==> flow/design.v <==
module add #(
    parameter int WIDTH = 4
) (
    input  logic aclk,
    input  logic rst_ni,
    input  logic [WIDTH-1:0] x,
    input  logic [WIDTH-1:0] y,
    output logic [WIDTH:0] result
);
    logic [WIDTH-1:0] x_d1;
    logic [WIDTH-1:0] y_d1;
    localparam int H = WIDTH / 2;
    logic [H:0] low_d1;
    logic [WIDTH-H-1:0] x_hi_d1;
    logic [WIDTH-H-1:0] y_hi_d1;
    logic [WIDTH-H:0] hi;
    assign hi = x_hi_d1 + y_hi_d1 + low_d1[H];
    logic [WIDTH:0] result_d1;
    assign result = result_d1;
    always_ff @(posedge aclk or negedge rst_ni) begin
        if (~rst_ni) begin
            x_d1 <= 0;
            y_d1 <= 0;
            low_d1 <= 0;
            x_hi_d1 <= 0;
            y_hi_d1 <= 0;
            result_d1 <= 0;
        end else begin
            x_d1 <= x;
            y_d1 <= y;
            low_d1 <= x_d1[H-1:0] + y_d1[H-1:0];
            x_hi_d1 <= x_d1[WIDTH-1:H];
            y_hi_d1 <= y_d1[WIDTH-1:H];
            result_d1 <= {hi, low_d1[H-1:0]};
        end
    end
endmodule
# [From RTL to reports: add]
# A sweep over "WIDTH": the same steps for each member of the family.
# The RTL above is that of WIDTH = 4; lines are counted from 1 in the file of the member named.
# Cell names lack the library's common part.
# Not given: -
[setup] top_module="add" clock="aclk" cell_library="sky130hd" pvt_corner="tt_025C_1v80"

# [Members of the sweep]
# Lines of each other member's file that are new or changed against the file above; lines that a member lacks are not shown.
[changed_lines] WIDTH=24 line_no=2 text="parameter int WIDTH = 24"
[changed_lines] WIDTH=28 line_no=2 text="parameter int WIDTH = 28"
[changed_lines] WIDTH=56 line_no=2 text="parameter int WIDTH = 56"
[changed_lines] WIDTH=72 line_no=2 text="parameter int WIDTH = 72"
[changed_lines] WIDTH=80 line_no=2 text="parameter int WIDTH = 80"

# [Elaborated design]
# Yosys after proc, flatten, opt, wreduce and memory -nomap, before mapping. Enables and synchronous resets that opt folds into registers are not counted as muxes. Memory bits, and registers merged into a memory's read port (data or address), are not among the register bits. Print and check cells are not counted. Equal cells are merged and count once.
[bits] WIDTH=4 register_bits=20 inputBits=10 word_cells=9
[bits] WIDTH=24 register_bits=110 inputBits=50 word_cells=9
[bits] WIDTH=28 register_bits=128 inputBits=58 word_cells=9
[bits] WIDTH=56 register_bits=254 inputBits=114 word_cells=9
[bits] WIDTH=72 register_bits=326 inputBits=146 word_cells=9
[bits] WIDTH=80 register_bits=362 inputBits=162 word_cells=9
[classes] WIDTH=4 add_sub_neg=3
[classes] WIDTH=24 add_sub_neg=3
[classes] WIDTH=28 add_sub_neg=3
[classes] WIDTH=56 add_sub_neg=3
[classes] WIDTH=72 add_sub_neg=3
[classes] WIDTH=80 add_sub_neg=3
[op_table] WIDTH=4 operators="2 x 2-bit by 2-bit adder with 3-bit output; 1 x 3-bit by 1-bit adder with 3-bit output"
[op_table] WIDTH=24 operators="2 x 12-bit by 12-bit adder with 13-bit output; 1 x 13-bit by 1-bit adder with 13-bit output"
[op_table] WIDTH=28 operators="2 x 14-bit by 14-bit adder with 15-bit output; 1 x 15-bit by 1-bit adder with 15-bit output"
[op_table] WIDTH=56 operators="2 x 28-bit by 28-bit adder with 29-bit output; 1 x 29-bit by 1-bit adder with 29-bit output"
[op_table] WIDTH=72 operators="2 x 36-bit by 36-bit adder with 37-bit output; 1 x 37-bit by 1-bit adder with 37-bit output"
[op_table] WIDTH=80 operators="2 x 40-bit by 40-bit adder with 41-bit output; 1 x 41-bit by 1-bit adder with 41-bit output"

# [Longest topological paths]
# Longest topological path by Yosys (ltp), each cell counted once; first at word level (registers and memories cut), then after technology mapping (sequential cells cut; the memories' decode and read muxes count).
[depth] WIDTH=4 ltp_word=2 abc_area=0 ltp_mapped=4 mapped_depth_nobuf=4
[depth] WIDTH=24 ltp_word=2 abc_area=0 ltp_mapped=7 mapped_depth_nobuf=7
[depth] WIDTH=28 ltp_word=2 abc_area=0 ltp_mapped=8 mapped_depth_nobuf=8
[depth] WIDTH=56 ltp_word=2 abc_area=0 ltp_mapped=9 mapped_depth_nobuf=9
[depth] WIDTH=72 ltp_word=2 abc_area=0 ltp_mapped=10 mapped_depth_nobuf=10
[depth] WIDTH=80 ltp_word=2 abc_area=0 ltp_mapped=11 mapped_depth_nobuf=11

# [After synthesis]
# The flow's flattened synthesis, as Yosys stat reports it; memories are mapped. The netlist is that of the ABC_AREA named above (0 if unset); the other value can give another one.
# The area totals of this step are shown rounded.
[synth_totals] WIDTH=4 mapped_cells=32 yosys_area_um2=600 seqArea_um2=500 flip_flops=20
[synth_totals] WIDTH=24 mapped_cells=251 yosys_area_um2=3800 seqArea_um2=2800 flip_flops=110
[synth_totals] WIDTH=28 mapped_cells=299 yosys_area_um2=4500 seqArea_um2=3200 flip_flops=128
[synth_totals] WIDTH=56 mapped_cells=658 yosys_area_um2=9300 seqArea_um2=6400 flip_flops=254
[synth_totals] WIDTH=72 mapped_cells=855 yosys_area_um2=12000 seqArea_um2=8200 flip_flops=326
[synth_totals] WIDTH=80 mapped_cells=948 yosys_area_um2=13000 seqArea_um2=9100 flip_flops=362
[types] WIDTH=4 cell_types="20 x dfrtp_1; 3 x fa_1; 8 x inv_1; 1 x ha_1"
[types] WIDTH=24 cell_types="110 x dfrtp_1; 23 x ha_1; 11 x xnor2_1; 12 x a21oi_1; 3 x fa_1; 6 x a21o_1; 12 x nand2_1; 5 x xor2_1; 9 x nor2_1; 4 x a211oi_1; 8 x inv_1; 6 x nand3_1; 3 x a21oi_2; 3 x o21a_1; 3 x o21bai_1; 2 x a221o_1; 4 x o21ai_1; 3 x nor3_1; (+24)"
[types] WIDTH=28 cell_types="128 x dfrtp_1; 27 x ha_1; 12 x xnor2_1; 19 x a21oi_1; 8 x xor2_1; 9 x a21o_1; 3 x fa_1; 14 x nand2_1; 14 x nor2_1; 8 x o21ai_0; 4 x a211oi_1; 4 x o21a_1; 5 x nand3_1; 2 x a211o_2; 5 x inv_1; 2 x a211o_1; 1 x a41oi_2; 2 x a21boi_0; (+32)"
[types] WIDTH=56 cell_types="254 x dfrtp_1; 55 x ha_1; 31 x xnor2_1; 50 x a21oi_1; 18 x xor2_1; 20 x a21o_1; 36 x nand2_1; 22 x o21ai_0; 28 x nor2_1; 3 x fa_1; 8 x o211ai_1; 9 x nand4_1; 11 x nand3_1; 6 x a211oi_1; 12 x clkbuf_1; 6 x o21a_1; 9 x o21ai_1; 6 x a31oi_1; (+74)"
[types] WIDTH=72 cell_types="326 x dfrtp_1; 71 x ha_1; 48 x a21o_1; 39 x xnor2_1; 65 x a21oi_1; 27 x xor2_1; 42 x nand2_1; 22 x nand4_1; 18 x o21bai_1; 26 x nor2_1; 15 x o21ai_0; 8 x a211oi_1; 3 x fa_1; 12 x o21ai_1; 9 x a31oi_1; 15 x inv_1; 6 x a21oi_2; 10 x nand3_1; (+93)"
[types] WIDTH=80 cell_types="362 x dfrtp_1; 79 x ha_1; 92 x a21oi_1; 49 x xnor2_1; 49 x a21o_1; 24 x xor2_1; 46 x nand2_1; 34 x o21ai_0; 18 x o21bai_1; 32 x nor2_1; 17 x nand4_1; 11 x and3_1; 18 x clkbuf_1; 3 x fa_1; 16 x inv_1; 8 x o21a_1; 7 x a211oi_1; 10 x nand3_1; (+73)"
# A list marked (+n) leaves out that many cells.

# [Path before layout]
# OpenSTA on the mapped netlist: ideal clock, no wires. The path of least setup slack (recovery checks aside). Input and output delay are each 20% of the period. Register names are those of the netlist, which keeps one name where synthesis merged equal registers.
[synth_path] WIDTH=4 path_kind="register -> register" from="register low_d1[2]" to="register result_d1[3]" period_ns=1.74 setup_slack_ns=0.349 stages=5 path_delay_ns=1.391 synth_period_reached_ns=1.391
[synth_path] WIDTH=24 path_kind="register -> register" from="register low_d1[12]" to="register result_d1[24]" period_ns=2.59 setup_slack_ns=0.520 stages=8 path_delay_ns=2.070 synth_period_reached_ns=2.07
[synth_path] WIDTH=28 path_kind="register -> register" from="register low_d1[14]" to="register result_d1[26]" period_ns=2.76 setup_slack_ns=0.551 stages=9 path_delay_ns=2.209 synth_period_reached_ns=2.209
[synth_path] WIDTH=56 path_kind="register -> register" from="register low_d1[28]" to="register result_d1[54]" period_ns=3.0 setup_slack_ns=0.601 stages=10 path_delay_ns=2.399 synth_period_reached_ns=2.399
[synth_path] WIDTH=72 path_kind="register -> register" from="register low_d1[36]" to="register result_d1[64]" period_ns=3.52 setup_slack_ns=0.706 stages=11 path_delay_ns=2.814 synth_period_reached_ns=2.814
[synth_path] WIDTH=80 path_kind="register -> register" from="register low_d1[40]" to="register result_d1[74]" period_ns=3.9 setup_slack_ns=0.776 stages=12 path_delay_ns=3.124 synth_period_reached_ns=3.124
# "path_delay_ns" is the arrival time less input delay plus setup time.
# "stages": output pins that drive a net of the path, with the launching flip-flop's if there is one; two outputs of one cell count as two.
# "synth_period_reached_ns" = period - worst setup slack (recovery checks aside). The figure is calculated, with input and output delays left at 20% of the set period.
# The rows between start and end are the longest chain of elaborated cells between them; the timing report does not say that the signal goes this way. Where chains are equally long, one stands for them.
# A line is the first line of the expression or statement that the cell stems from. Yosys adds cells for indexed reads and writes and turns some case tables into memories.
[synth_between_WIDTH_4] elab_chain_cells=1
[synth_rtl_WIDTH_4] element="start, declared" line_no=13 text="logic [H:0] low_d1;"
[synth_rtl_WIDTH_4] element="start, assigned" line_no=24 text="low_d1 <= 0;"
[synth_rtl_WIDTH_4] element="start, assigned" line_no=31 text="low_d1 <= x_d1[H-1:0] + y_d1[H-1:0];"
[synth_rtl_WIDTH_4] element="3-bit by 1-bit adder with 3-bit output" line_no=17 text="assign hi = x_hi_d1 + y_hi_d1 + low_d1[H];"
[synth_rtl_WIDTH_4] element="end, assigned" line_no=27 text="result_d1 <= 0;"
[synth_rtl_WIDTH_4] element="end, assigned" line_no=34 text="result_d1 <= {hi, low_d1[H-1:0]};"
[synth_rtl_WIDTH_4] element="end, declared" line_no=18 text="logic [WIDTH:0] result_d1;"
[synth_between_WIDTH_80] elab_chain_cells=1
[synth_rtl_WIDTH_80] element="start, declared" line_no=13 text="logic [H:0] low_d1;"
[synth_rtl_WIDTH_80] element="start, assigned" line_no=24 text="low_d1 <= 0;"
[synth_rtl_WIDTH_80] element="start, assigned" line_no=31 text="low_d1 <= x_d1[H-1:0] + y_d1[H-1:0];"
[synth_rtl_WIDTH_80] element="41-bit by 1-bit adder with 41-bit output" line_no=17 text="assign hi = x_hi_d1 + y_hi_d1 + low_d1[H];"
[synth_rtl_WIDTH_80] element="end, assigned" line_no=27 text="result_d1 <= 0;"
[synth_rtl_WIDTH_80] element="end, assigned" line_no=34 text="result_d1 <= {hi, low_d1[H-1:0]};"
[synth_rtl_WIDTH_80] element="end, declared" line_no=18 text="logic [WIDTH:0] result_d1;"

# [Timing after layout]
# Path of least setup slack in the final report of the run of each member (OpenROAD, finished layout, wires in). Where an end is a register, its clock arrival counts in the times.
[layout_path] WIDTH=4 path_kind="register -> output" from="register result_d1[1]" to="output result[1]" period_ns=1.74 setup_slack_ns=0.24 stages=2 arrival_time_ns=1.15 n_path_buf=1
[layout_path] WIDTH=24 path_kind="register -> register" from="register low_d1[12]" to="register result_d1[24]" period_ns=2.59 setup_slack_ns=0.36 stages=8 arrival_time_ns=2.48 n_path_buf=0
[layout_path] WIDTH=28 path_kind="register -> register" from="register low_d1[14]" to="register result_d1[26]" period_ns=2.76 setup_slack_ns=0.40 stages=9 arrival_time_ns=2.79 n_path_buf=0
[layout_path] WIDTH=56 path_kind="register -> register" from="register low_d1[28]" to="register result_d1[54]" period_ns=3.0 setup_slack_ns=0.29 stages=10 arrival_time_ns=3.14 n_path_buf=0
[layout_path] WIDTH=72 path_kind="register -> register" from="register low_d1[36]" to="register result_d1[64]" period_ns=3.52 setup_slack_ns=0.35 stages=11 arrival_time_ns=3.54 n_path_buf=0
[layout_path] WIDTH=80 path_kind="register -> register" from="register low_d1[40]" to="register result_d1[74]" period_ns=3.9 setup_slack_ns=0.42 stages=12 arrival_time_ns=3.88 n_path_buf=0

# [Flow runs]
# Settings and results of one run of the flow (Yosys, OpenROAD) for each member follow. The constraints put input and output delay at 20% of the set period each and load the outputs with 0.01 pF.
[flow_settings] CAP_MARGIN=20 CORE_MARGIN=2 CORE_UTILIZATION=40 SLEW_MARGIN=20
[settings_diff] WIDTH=4 period_ns=1.74
[settings_diff] WIDTH=24 period_ns=2.59
[settings_diff] WIDTH=28 period_ns=2.76
[settings_diff] WIDTH=56 period_ns=3.0
[settings_diff] WIDTH=72 period_ns=3.52
[settings_diff] WIDTH=80 period_ns=3.9
[results] WIDTH=4 yosys_chip_area_um2=600 total_die_area_um2=1800 finalCellArea_um2=810 setup_worst_slack_ns=0.24 setupTns_ns=0.000 design_power_w=0.00085 achievedPeriod_ns=1.502
[results] WIDTH=24 yosys_chip_area_um2=3800 total_die_area_um2=10000 finalCellArea_um2=4900 setup_worst_slack_ns=0.36 setupTns_ns=0.000 design_power_w=0.0035 achievedPeriod_ns=2.234
[results] WIDTH=28 yosys_chip_area_um2=4500 total_die_area_um2=12000 finalCellArea_um2=6100 setup_worst_slack_ns=0.40 setupTns_ns=0.000 design_power_w=0.005 achievedPeriod_ns=2.364
[results] WIDTH=56 yosys_chip_area_um2=9300 total_die_area_um2=24000 finalCellArea_um2=12000 setup_worst_slack_ns=0.29 setupTns_ns=0.000 design_power_w=0.0087 achievedPeriod_ns=2.713
[results] WIDTH=72 yosys_chip_area_um2=12000 total_die_area_um2=32000 finalCellArea_um2=16000 setup_worst_slack_ns=0.35 setupTns_ns=0.000 design_power_w=0.0094 achievedPeriod_ns=3.168
[results] WIDTH=80 yosys_chip_area_um2=13000 total_die_area_um2=35000 finalCellArea_um2=18000 setup_worst_slack_ns=0.42 setupTns_ns=0.000 design_power_w=0.0095 achievedPeriod_ns=3.479
# By "achievedPeriod_ns" is meant the clock period of the run minus its worst setup slack. This is arithmetic on one report: input and output delays are still those of the set period (20% each).
# "design_power_w" is the tool's figure for a default switching activity; nothing was simulated.
# The results are shown rounded.
